==> flow/design.v <==
module sync_shift_top #(
  parameter WD = 8,
  parameter SEL_WIDTH = $clog2(WD)
) (
  input  wire i_clk,
  input  wire i_rst,
  input  wire [WD-1:0] i_in,
  input  wire [SEL_WIDTH-1:0] i_by,
  input  wire i_dir,
  output wire [WD-1:0] o_result
);
  reg [WD-1:0] in_reg;
  reg [SEL_WIDTH-1:0] by_reg;
  reg dir_reg;
  reg [WD-1:0] result_reg;
  assign o_result = result_reg;
  always @(posedge i_clk) begin
    if (i_rst) begin
      in_reg <= 0;
      by_reg <= 0;
      dir_reg <= 1'b0;
      result_reg <= 0;
    end else begin
      in_reg <= i_in;
      by_reg <= i_by;
      dir_reg <= i_dir;
      result_reg <= dir_reg ? in_reg << by_reg : in_reg >> by_reg;
    end
  end
endmodule
# == From RTL to reports: sync_shift_top ==
# What the tools print for sync_shift_top, step after step.
# Lines are those of the file above, counted from 1.
# Cell names lack the library's common part.
# The mark n/a stands for no value.
# setup
top,sync_shift_top
clk_port,i_clk
library,sky130hd
lib_corner,tt_025C_1v80

# == After elaboration ==
# Source: Yosys, flattened and elaborated, memories not mapped. Widths are those after wreduce; folded enables and synchronous resets count as part of the registers. Registers that Yosys merges into a memory's read port (data or address) are not register bits. Print and check cells do not count. Equal cells are merged and count once.
# bits
ff_bits,20
input_bits,14
output_inout_bits,8
word_cells,7
# op_classes
n_shift,2
n_mux,1
# ops
operator,count
8-bit by 3-bit left shift with 8-bit output,1
8-bit by 3-bit >> shifter with 8-bit output,1
8-bit two-way mux,1

# == Depth ==
# Longest topological path by Yosys (ltp), each cell counted once; first at word level (registers and memories cut), then after technology mapping (sequential cells cut; the memories' decode and read muxes count).
# depth
word_depth,2
abc_area,0
ltp_mapped,4
depth_no_buf,3

# == Mapped cells and area ==
# Yosys stat after the flow's synthesis: flattened, memories mapped to cells. It holds for the ABC_AREA given above (unset counts as 0); a run with the other value may have another netlist.
# by_type
cell,count,area_total_um2
dfxtp_1,20,400.384
mux4_2,7,157.651
nor2b_1,17,106.352
mux2_2,7,78.826
a31oi_1,6,37.536
a32oi_1,4,35.034
nand3_1,6,30.029
mux4_1,1,26.275
nand3b_1,3,22.522
nor3b_1,3,22.522
nand2_1,5,18.768
buf_2,3,15.014
clkbuf_1,4,15.014
buf_6,1,11.261
mux2i_1,1,10.01
o21ai_0,2,10.01
and3b_1,1,8.758
o2111ai_1,1,8.758
# Not listed: further types 8, cells in them 10.
# mapped
cells,102
synth_area_mm2,0.001071
seq_area_mm2,0.0004004
ff_cells,20
buf_cells,8

# == Path before layout ==
# Path of least setup slack by OpenSTA after synthesis, without wires, with an ideal clock, recovery checks aside; 20% of the period is set as input and as output delay. Where synthesis merged equal registers, the netlist keeps one of their names.
# synth_timing
path_type,register -> register
startpoint,register by_reg[0]
endpoint,register result_reg[6]
tclk_ps,1740
setup_ps,131
t_first_pin_ps,0
t_arrival_ps,1261
t_required_ps,1609
setup_slack_ps,348
path_delay_ps,1392
path_stages,5
path_buffers,1
period_less_setup_slack_ps,1392
# "path_delay_ps" = arrival - input delay + setup time.
# "path_stages" counts driving pins, that of a launching flip-flop among them; a cell with two outputs on the path counts twice.
# "period_less_setup_slack_ps" is the clock period less the worst setup slack; recovery checks do not enter. This is arithmetic on one report: input and output delays are still those of the set period (20% each).
# Between the ends stands the longest chain of elaborated cells between them, by number of cells; it is not shown to be the way that was timed. Of several equally long chains one is given.
# Each line given opens the expression or statement behind the cell; cells for indexed reads and writes are added by Yosys, which also makes memories of some case tables.
# synth_between
cell_sequence,dfxtp_1 buf_6 mux4_2 a32oi_1 o31ai_1
elab_chain_len,2
cone_cells,3
lines_between,1
cone_classes,shift (2); mux (1)
# synth_lines
element,line_no,source
from (decl),13,reg [SEL_WIDTH-1:0] by_reg;
from (assign),20,by_reg <= 0;
from (assign),25,by_reg <= i_by;
8-bit by 3-bit >> shifter with 8-bit output,27,result_reg <= dir_reg ? in_reg << by_reg : in_reg >> by_reg;
8-bit two-way mux,27,
to (assign),22,result_reg <= 0;
to (assign),27,
to (decl),15,reg [WD-1:0] result_reg;

# == Timing after layout ==
# Path of least setup slack in the final report of flow run A (OpenROAD, finished layout, wires in). Where an end is a register, its clock arrival counts in the times.
# The report prints the path's times to 10 ps; the period is as set.
# layout_timing
path_type,register -> output
startpoint,register result_reg[2]
endpoint,output o_result[2]
tclk_ps,1740
output_delay_ps,350
t_first_pin_ps,300
t_arrival_ps,1160
t_required_ps,1390
setup_slack_ps,230
path_stages,2
path_buffers,1
# layout_between
cell_sequence,dfxtp_1 clkdlybuf4s50_1
elab_chain_len,0
cone_cells,0
lines_between,0
# layout_lines
element,line_no,source
from (decl),15,reg [WD-1:0] result_reg;
from (assign),22,result_reg <= 0;
from (assign),27,result_reg <= dir_reg ? in_reg << by_reg : in_reg >> by_reg;
to (decl),10,output wire [WD-1:0] o_result

# Flow runs of sync_shift_top

3 stored runs of sync_shift_top in the flow (synthesis by Yosys, layout by OpenROAD, sky130hd cells), in arbitrary order. Constraints: input delay and output delay 20% of the set period each, output load 0.01 pF.
"achievedPeriod_ps" is the run's clock period less its worst setup slack. It is reckoned from that one timing run; input and output delays stay at 20% of the period that was set.
"timing.worst_path_ps" means the part of the period allowed to the worst setup path (the constraints hold back 20% at inputs and 20% at outputs) less its slack; where the path has registers, the arrival times of their clocks count too.
"power_total_mw" is the tool's figure for a default switching activity; nothing was simulated.
"timing.worst_path_ps" is known to 10 ps.

Flow run A, flow files:
==> flow/run.sh <==
#!/bin/bash
# the make line also repeats the synthesis and layout settings of config.mk as NAME=value (left out here)
make -C /OpenROAD-flow-scripts/flow DESIGN_CONFIG=/design/flow/config.mk WORK_HOME=/design/flow/orfs CLKGATE_MAP_FILE= finish
==> flow/config.mk <==
export PLATFORM = sky130hd
export DESIGN_NAME = sync_shift_top
export DESIGN_NICKNAME = sync_shift_top
export VERILOG_FILES = /design/flow/design.v
export SDC_FILE = /design/flow/constraint.sdc
export NUM_CORES = 4
export LEC_CHECK = 0
export CAP_MARGIN = 20
export CORE_MARGIN = 2
export CORE_UTILIZATION = 40
export SLEW_MARGIN = 20
==> flow/constraint.sdc <==
create_clock -name core_clock -period 1.74 [get_ports {i_clk}]
set_input_delay 0.3480 -clock core_clock [delete_from_list [all_inputs] [get_ports {i_clk}]]
set_output_delay 0.3480 -clock core_clock [all_outputs]
set_load 0.01 [all_outputs]

==> results of flow run A, as CSV <==
result,value
synthArea_mm2,0.001071
setup_ws_ps,230
timing.worst_path_ps,1160
worst_path_kind,"register -> output"
dieArea_mm2,0.0031075
utilization_frac,0.537
finalCellArea_mm2,0.0013425
tns_setup_ps,0
achievedPeriod_ps,1510
holdWs_ps,580
power_total_mw,0.9182

Flow run B, flow files:
==> flow/run.sh <==
#!/bin/bash
# the make line also repeats the synthesis and layout settings of config.mk as NAME=value (left out here)
make -C /OpenROAD-flow-scripts/flow DESIGN_CONFIG=/design/flow/config.mk WORK_HOME=/design/flow/orfs CLKGATE_MAP_FILE= finish
==> flow/config.mk <==
export PLATFORM = sky130hd
export DESIGN_NAME = sync_shift_top
export DESIGN_NICKNAME = sync_shift_top
export VERILOG_FILES = /design/flow/design.v
export SDC_FILE = /design/flow/constraint.sdc
export NUM_CORES = 4
export LEC_CHECK = 0
export CAP_MARGIN = 15
export CELL_PAD_IN_SITES_DETAIL_PLACEMENT = 1
export CORE_MARGIN = 2
export CORE_UTILIZATION = 56
export CTS_CLUSTER_SIZE = 21
export GPL_ROUTABILITY_DRIVEN = 0
export PLACE_DENSITY_LB_ADDON = 0.18
export SETUP_SLACK_MARGIN = 0.61
export SLEW_MARGIN = 20
export TNS_END_PERCENT = 60
==> flow/constraint.sdc <==
create_clock -name core_clock -period 2.08 [get_ports {i_clk}]
set_input_delay 0.4160 -clock core_clock [delete_from_list [all_inputs] [get_ports {i_clk}]]
set_output_delay 0.4160 -clock core_clock [all_outputs]
set_load 0.01 [all_outputs]

Flow run B: no final report: clock tree synthesis broke off with DPL-0033

Flow run C, flow files:
==> flow/run.sh <==
#!/bin/bash
# the make line also repeats the synthesis and layout settings of config.mk as NAME=value (left out here)
make -C /OpenROAD-flow-scripts/flow DESIGN_CONFIG=/design/flow/config.mk WORK_HOME=/design/flow/orfs CLKGATE_MAP_FILE= finish
==> flow/config.mk <==
export PLATFORM = sky130hd
export DESIGN_NAME = sync_shift_top
export DESIGN_NICKNAME = sync_shift_top
export VERILOG_FILES = /design/flow/design.v
export SDC_FILE = /design/flow/constraint.sdc
export NUM_CORES = 4
export LEC_CHECK = 0
export CAP_MARGIN = 20
export CELL_PAD_IN_SITES_DETAIL_PLACEMENT = 0
export CELL_PAD_IN_SITES_GLOBAL_PLACEMENT = 1
export CORE_ASPECT_RATIO = 1.48
export CORE_MARGIN = 4
export CORE_UTILIZATION = 70
export GPL_ROUTABILITY_DRIVEN = 0
export MAX_ROUTING_LAYER = met4
export PLACE_DENSITY = 0.71
export SLEW_MARGIN = 20
==> flow/constraint.sdc <==
create_clock -name core_clock -period 1.95 [get_ports {i_clk}]
set_input_delay 0.3900 -clock core_clock [delete_from_list [all_inputs] [get_ports {i_clk}]]
set_output_delay 0.3900 -clock core_clock [all_outputs]
set_load 0.01 [all_outputs]

Flow run C: no final report: placement broke off with GPL-0301
